==> flow/design.v <==
module sync_mul_unit_stage #(
  parameter int DATA_W = 14
) (
  input logic sys_clk,
  input logic [DATA_W-1:0] a_i,
  input logic [DATA_W-1:0] b_i,
  input logic zero_i,
  output logic [2*DATA_W-1:0] m_o,
  output logic fin_o
);
  logic [DATA_W-1:0] a_reg;
  logic [DATA_W-1:0] b_reg;
  logic zero_reg;
  localparam int SEL_W = $clog2(DATA_W + 1);
  logic [DATA_W-1:0] mcand;
  logic [SEL_W-1:0] left;
  logic [2*DATA_W-1:0] state;
  logic [DATA_W:0] work;
  assign work = state[2*DATA_W-1:DATA_W] + (state[0] ? mcand : {DATA_W{1'b0}});
  assign m_o = state;
  assign fin_o = (left == 0);
  always_ff @(posedge sys_clk) begin
    a_reg <= a_i;
    b_reg <= b_i;
    zero_reg <= zero_i;
    mcand <= zero_reg ? a_reg : mcand;
    left <= zero_reg ? DATA_W : (left != 0) ? left - 1'b1 : left;
    state <= zero_reg ? {{DATA_W{1'b0}}, b_reg} : (left != 0) ? {work, state[DATA_W-1:1]} : state;
  end
endmodule
==> reports on sync_mul_unit_stage <==
### Reports on sync_mul_unit_stage

Module sync_mul_unit_stage in several versions that differ in "DATA_W"; each step lists the members.
The RTL above is that of DATA_W=14; lines are counted from 1 in the file of the member named.
Operators carry their Yosys type and port widths (W data, S select, Z words).
The mark n/a stands for no value.

* top module: sync_mul_unit_stage
* clock port: sys_clk
* standard-cell library: sky130hd
* library corner: tt_025C_1v80

### Members of the sweep

New or changed lines of each further member against the RTL above, in its own file; lines it lacks are not shown.

Lines new or changed
* DATA_W 18: RTL line 2 `parameter int DATA_W = 18`
* DATA_W 28: RTL line 2 `parameter int DATA_W = 28`
* DATA_W 40: RTL line 2 `parameter int DATA_W = 40`

### Word level

Source: Yosys, flattened and elaborated, memories not mapped. Widths are those after wreduce. Registers that Yosys merges into a memory's read port (data or address) are not register bits. Print and check cells do not count. Equal cells are merged and count once.

Storage and ports
* DATA_W 14: output and inout bits 29, elaborated cells 15, register bits after elaboration 75
* DATA_W 18: output and inout bits 37, elaborated cells 15, register bits after elaboration 96
* DATA_W 28: output and inout bits 57, elaborated cells 15, register bits after elaboration 146
* DATA_W 40: output and inout bits 81, elaborated cells 15, register bits after elaboration 207

Operators by class
* DATA_W 14: multiplexer cells 3, add/subtract/negate cells 2, reduce/logical cells 3
* DATA_W 18: multiplexer cells 3, add/subtract/negate cells 2, reduce/logical cells 3
* DATA_W 28: multiplexer cells 3, add/subtract/negate cells 2, reduce/logical cells 3
* DATA_W 40: multiplexer cells 3, add/subtract/negate cells 2, reduce/logical cells 3

Operator list (kind and count)
* DATA_W 14: 3 x $mux W14; 1 x $add A14 B14 Y15; 1 x $sub A4 B1 Y4 const B; 1 x $logic_not A4 Y1; 1 x $reduce_bool A4 Y1; 1 x $reduce_bool A2 Y1
* DATA_W 18: 3 x $mux W18; 1 x $add A18 B18 Y19; 1 x $sub A5 B1 Y5 const B; 1 x $logic_not A5 Y1; 1 x $reduce_bool A5 Y1; 1 x $reduce_bool A2 Y1
* DATA_W 28: 3 x $mux W28; 1 x $add A28 B28 Y29; 1 x $sub A5 B1 Y5 const B; 1 x $logic_not A5 Y1; 1 x $reduce_bool A5 Y1; 1 x $reduce_bool A2 Y1
* DATA_W 40: 3 x $mux W40; 1 x $add A40 B40 Y41; 1 x $sub A6 B1 Y6 const B; 1 x $logic_not A6 Y1; 1 x $reduce_bool A6 Y1; 1 x $reduce_bool A2 Y1

### Logic depth

Depth = most cells in a row (Yosys ltp): at word level without a register or memory, in the mapped netlist without a sequential cell, where the memories' decode and read muxes count.

Depth
* DATA_W 14: word-level depth 4, ABC_AREA 0, gate-level depth with buffers 9, depth with buffers taken out 8
* DATA_W 18: word-level depth 4, ABC_AREA 0, gate-level depth with buffers 10, depth with buffers taken out 10
* DATA_W 28: word-level depth 4, ABC_AREA 0, gate-level depth with buffers 12, depth with buffers taken out 10
* DATA_W 40: word-level depth 4, ABC_AREA 0, gate-level depth with buffers 11, depth with buffers taken out 10

### Mapped cells and area

Yosys stat after the flow's synthesis: flattened, memories mapped to cells. It holds for the ABC_AREA given above (unset counts as 0); a run with the other value may have another netlist.
The area totals of this step are shown rounded.

Synthesis totals
* DATA_W 14: cells in the netlist 257, buffers 12, mapped flip-flops 75, chip area (Yosys) 0.00307 mm^2
* DATA_W 18: cells in the netlist 331, buffers 13, mapped flip-flops 96, chip area (Yosys) 0.0039 mm^2
* DATA_W 28: cells in the netlist 495, buffers 19, mapped flip-flops 146, chip area (Yosys) 0.00588 mm^2
* DATA_W 40: cells in the netlist 808, buffers 38, mapped flip-flops 207, chip area (Yosys) 0.00889 mm^2

Cells by type (types with counts)
* DATA_W 14: 47 x sky130_fd_sc_hd__dfxtp_1; 28 x sky130_fd_sc_hd__edfxtp_1; 15 x sky130_fd_sc_hd__ha_1; 14 x sky130_fd_sc_hd__mux2_2; 14 x sky130_fd_sc_hd__and2_1; 19 x sky130_fd_sc_hd__nand2_1; 13 x sky130_fd_sc_hd__a21oi_1; 7 x sky130_fd_sc_hd__xnor2_1; 6 x sky130_fd_sc_hd__a211oi_1; 6 x sky130_fd_sc_hd__a21o_1; 8 x sky130_fd_sc_hd__nand3_1; 8 x sky130_fd_sc_hd__o21ai_0; 9 x sky130_fd_sc_hd__clkbuf_1; 8 x sky130_fd_sc_hd__nor2_1; 1 x sky130_fd_sc_hd__a2111oi_4; 3 x sky130_fd_sc_hd__nor4b_1; 3 x sky130_fd_sc_hd__xor2_1; 4 x sky130_fd_sc_hd__a31oi_1; [+44]
* DATA_W 18: 60 x sky130_fd_sc_hd__dfxtp_1; 36 x sky130_fd_sc_hd__edfxtp_1; 19 x sky130_fd_sc_hd__ha_1; 19 x sky130_fd_sc_hd__mux2_2; 18 x sky130_fd_sc_hd__and2_1; 21 x sky130_fd_sc_hd__a21oi_1; 23 x sky130_fd_sc_hd__nor2_1; 19 x sky130_fd_sc_hd__nand2_1; 7 x sky130_fd_sc_hd__a211oi_1; 6 x sky130_fd_sc_hd__xnor2_1; 6 x sky130_fd_sc_hd__a21o_1; 9 x sky130_fd_sc_hd__inv_1; 5 x sky130_fd_sc_hd__nand2b_1; 3 x sky130_fd_sc_hd__mux2i_1; 6 x sky130_fd_sc_hd__nor3_1; 6 x sky130_fd_sc_hd__o21ai_0; 7 x sky130_fd_sc_hd__clkbuf_1; 3 x sky130_fd_sc_hd__nor4b_1; [+58]
* DATA_W 28: 90 x sky130_fd_sc_hd__dfxtp_1; 56 x sky130_fd_sc_hd__edfxtp_1; 29 x sky130_fd_sc_hd__ha_1; 28 x sky130_fd_sc_hd__mux2_2; 44 x sky130_fd_sc_hd__a21oi_1; 29 x sky130_fd_sc_hd__and2_1; 45 x sky130_fd_sc_hd__nand2_1; 15 x sky130_fd_sc_hd__xnor2_1; 14 x sky130_fd_sc_hd__a21o_1; 9 x sky130_fd_sc_hd__a22o_1; 21 x sky130_fd_sc_hd__nor2_1; 9 x sky130_fd_sc_hd__xor2_1; 13 x sky130_fd_sc_hd__o21ai_0; 14 x sky130_fd_sc_hd__clkbuf_1; 6 x sky130_fd_sc_hd__a211oi_1; 9 x sky130_fd_sc_hd__nand3_1; 7 x sky130_fd_sc_hd__nor3_1; 9 x sky130_fd_sc_hd__inv_1; [+48]
* DATA_W 40: 127 x sky130_fd_sc_hd__dfxtp_1; 80 x sky130_fd_sc_hd__edfxtp_1; 42 x sky130_fd_sc_hd__ha_1; 40 x sky130_fd_sc_hd__mux2_2; 66 x sky130_fd_sc_hd__a21oi_1; 80 x sky130_fd_sc_hd__nand2_1; 45 x sky130_fd_sc_hd__and2_1; 37 x sky130_fd_sc_hd__o21ai_0; 43 x sky130_fd_sc_hd__nor2_1; 15 x sky130_fd_sc_hd__xnor2_1; 20 x sky130_fd_sc_hd__nand4_1; 27 x sky130_fd_sc_hd__clkbuf_1; 13 x sky130_fd_sc_hd__a21o_1; 12 x sky130_fd_sc_hd__a211oi_1; 14 x sky130_fd_sc_hd__nor3_1; 9 x sky130_fd_sc_hd__o21a_1; 9 x sky130_fd_sc_hd__o21bai_1; 7 x sky130_fd_sc_hd__xor2_1; [+122]

A list marked [+n] leaves out that many cells.

### Worst setup path after synthesis

OpenSTA on the mapped netlist: ideal clock, no wires. The path of least setup slack (recovery checks aside). Input and output delay are each 20% of the period. Register names are those of the netlist, which keeps one name where synthesis merged equal registers.

Timing post-synthesis
* DATA_W 14: kind flip-flop to flip-flop, start point register state[0], end point register state[21], path delay 2315 ps, setup slack 575 ps, period 2890 ps, stages on the path 10, synthesis period reached 2315 ps
* DATA_W 18: kind flip-flop to flip-flop, start point register state[0], end point register state[29], path delay 2509 ps, setup slack 630 ps, period 3140 ps, stages on the path 10, synthesis period reached 2510 ps
* DATA_W 28: kind flip-flop to flip-flop, start point register state[0], end point register state[55], path delay 3027 ps, setup slack 753 ps, period 3780 ps, stages on the path 12, synthesis period reached 3027 ps
* DATA_W 40: kind flip-flop to flip-flop, start point register state[0], end point register state[69], path delay 3011 ps, setup slack 749 ps, period 3760 ps, stages on the path 12, synthesis period reached 3011 ps

"path delay" = arrival - input delay + setup time.
"stages on the path": output pins that drive a net of the path, with the launching flip-flop's if there is one; two outputs of one cell count as two.
"synthesis period reached" = period - worst setup slack (recovery checks aside). The figure is calculated, with input and output delays left at 20% of the set period.
Between the ends stands the longest chain of elaborated cells between them, by number of cells; it is not shown to be the way that was timed. Of several equally long chains one is given.
A line is the first line of the expression or statement that the cell stems from. Yosys adds cells for indexed reads and writes and turns some case tables into memories.

Between the ends, post-synthesis, DATA_W=14:
* cells in the longest elaborated chain: 2

Ends and longest elaborated chain, post-synthesis, DATA_W=14
* start, declared: RTL line 17 `logic [2*DATA_W-1:0] state;`
* start, assigned: RTL line 28 `state <= zero_reg ? {{DATA_W{1'b0}}, b_reg} : (left != 0) ? {work, state[DATA_W-1:1]} : state;`
* $mux W14: RTL line 19 `assign work = state[2*DATA_W-1:DATA_W] + (state[0] ? mcand : {DATA_W{1'b0}});`
* $add A14 B14 Y15: RTL line 19
* end, assigned: RTL line 28
* end, declared: RTL line 17

Between the ends, post-synthesis, DATA_W=40:
* cells in the longest elaborated chain: 2

Ends and longest elaborated chain, post-synthesis, DATA_W=40
* start, declared: RTL line 17 `logic [2*DATA_W-1:0] state;`
* start, assigned: RTL line 28 `state <= zero_reg ? {{DATA_W{1'b0}}, b_reg} : (left != 0) ? {work, state[DATA_W-1:1]} : state;`
* $mux W40: RTL line 19 `assign work = state[2*DATA_W-1:DATA_W] + (state[0] ? mcand : {DATA_W{1'b0}});`
* $add A40 B40 Y41: RTL line 19
* end, assigned: RTL line 28
* end, declared: RTL line 17

### Worst path after layout

Path of least setup slack in the final report of the run of each member (OpenROAD, finished layout, wires in). Where an end is a register, its clock arrival counts in the times.
The report prints the path's times to 10 ps; the period is as set.

Timing post-layout
* DATA_W 14: kind flip-flop to output port, start point register left[0], end point output fin_o, arrival 2020 ps, buffers on the path 1, setup slack 290 ps, period 2890 ps, stages on the path 6
* DATA_W 18: kind flip-flop to output port, start point register left[0], end point output fin_o, arrival 2310 ps, buffers on the path 1, setup slack 200 ps, period 3140 ps, stages on the path 7
* DATA_W 28: kind flip-flop to flip-flop, start point register state[0], end point register state[55], arrival 3420 ps, buffers on the path 1, setup slack 660 ps, period 3780 ps, stages on the path 11
* DATA_W 40: kind flip-flop to flip-flop, start point register state[0], end point register state[68], arrival 3790 ps, buffers on the path 1, setup slack 370 ps, period 3760 ps, stages on the path 11

### Flow runs

One run of the flow (Yosys, OpenROAD) for each member, with settings and measured results. Input and output delays are each 20% of the period that was set; the output load is 0.01 pF.

* CAP_MARGIN: 20
* CORE_MARGIN: 2
* CORE_UTILIZATION: 40
* SLEW_MARGIN: 20

Settings that differ (period_ns)
* DATA_W 14: 2.89
* DATA_W 18: 3.14
* DATA_W 28: 3.78
* DATA_W 40: 3.76

Results
* DATA_W 14: die area 0.00839 mm^2, period reached 2598 ps, worst slack on setup checks 292 ps, standard-cell area after routing 0.00395 mm^2, sum of negative setup slack 0 ps, overall power 0.00273 W, synthesized cell area 0.00307 mm^2, final design utilization 53.9%
* DATA_W 18: die area 0.0106 mm^2, period reached 2937 ps, worst slack on setup checks 203 ps, standard-cell area after routing 0.00498 mm^2, sum of negative setup slack 0 ps, overall power 0.00315 W, synthesized cell area 0.0039 mm^2, final design utilization 51.6%
* DATA_W 28: die area 0.0157 mm^2, period reached 3121 ps, worst slack on setup checks 659 ps, standard-cell area after routing 0.0078 mm^2, sum of negative setup slack 0 ps, overall power 0.0045 W, synthesized cell area 0.00588 mm^2, final design utilization 54.1%
* DATA_W 40: die area 0.0234 mm^2, period reached 3390 ps, worst slack on setup checks 370 ps, standard-cell area after routing 0.0116 mm^2, sum of negative setup slack 0 ps, overall power 0.00686 W, synthesized cell area 0.00889 mm^2, final design utilization 53.0%

By "period reached" is meant the clock period of the run minus its worst setup slack. This is arithmetic on one report: input and output delays are still those of the set period (20% each).
By "overall power" is meant OpenSTA's value without simulated activity: inputs other than the clock are taken to toggle once in ten clock periods, and the tool carries that through the logic.
The measured numbers are rounded.
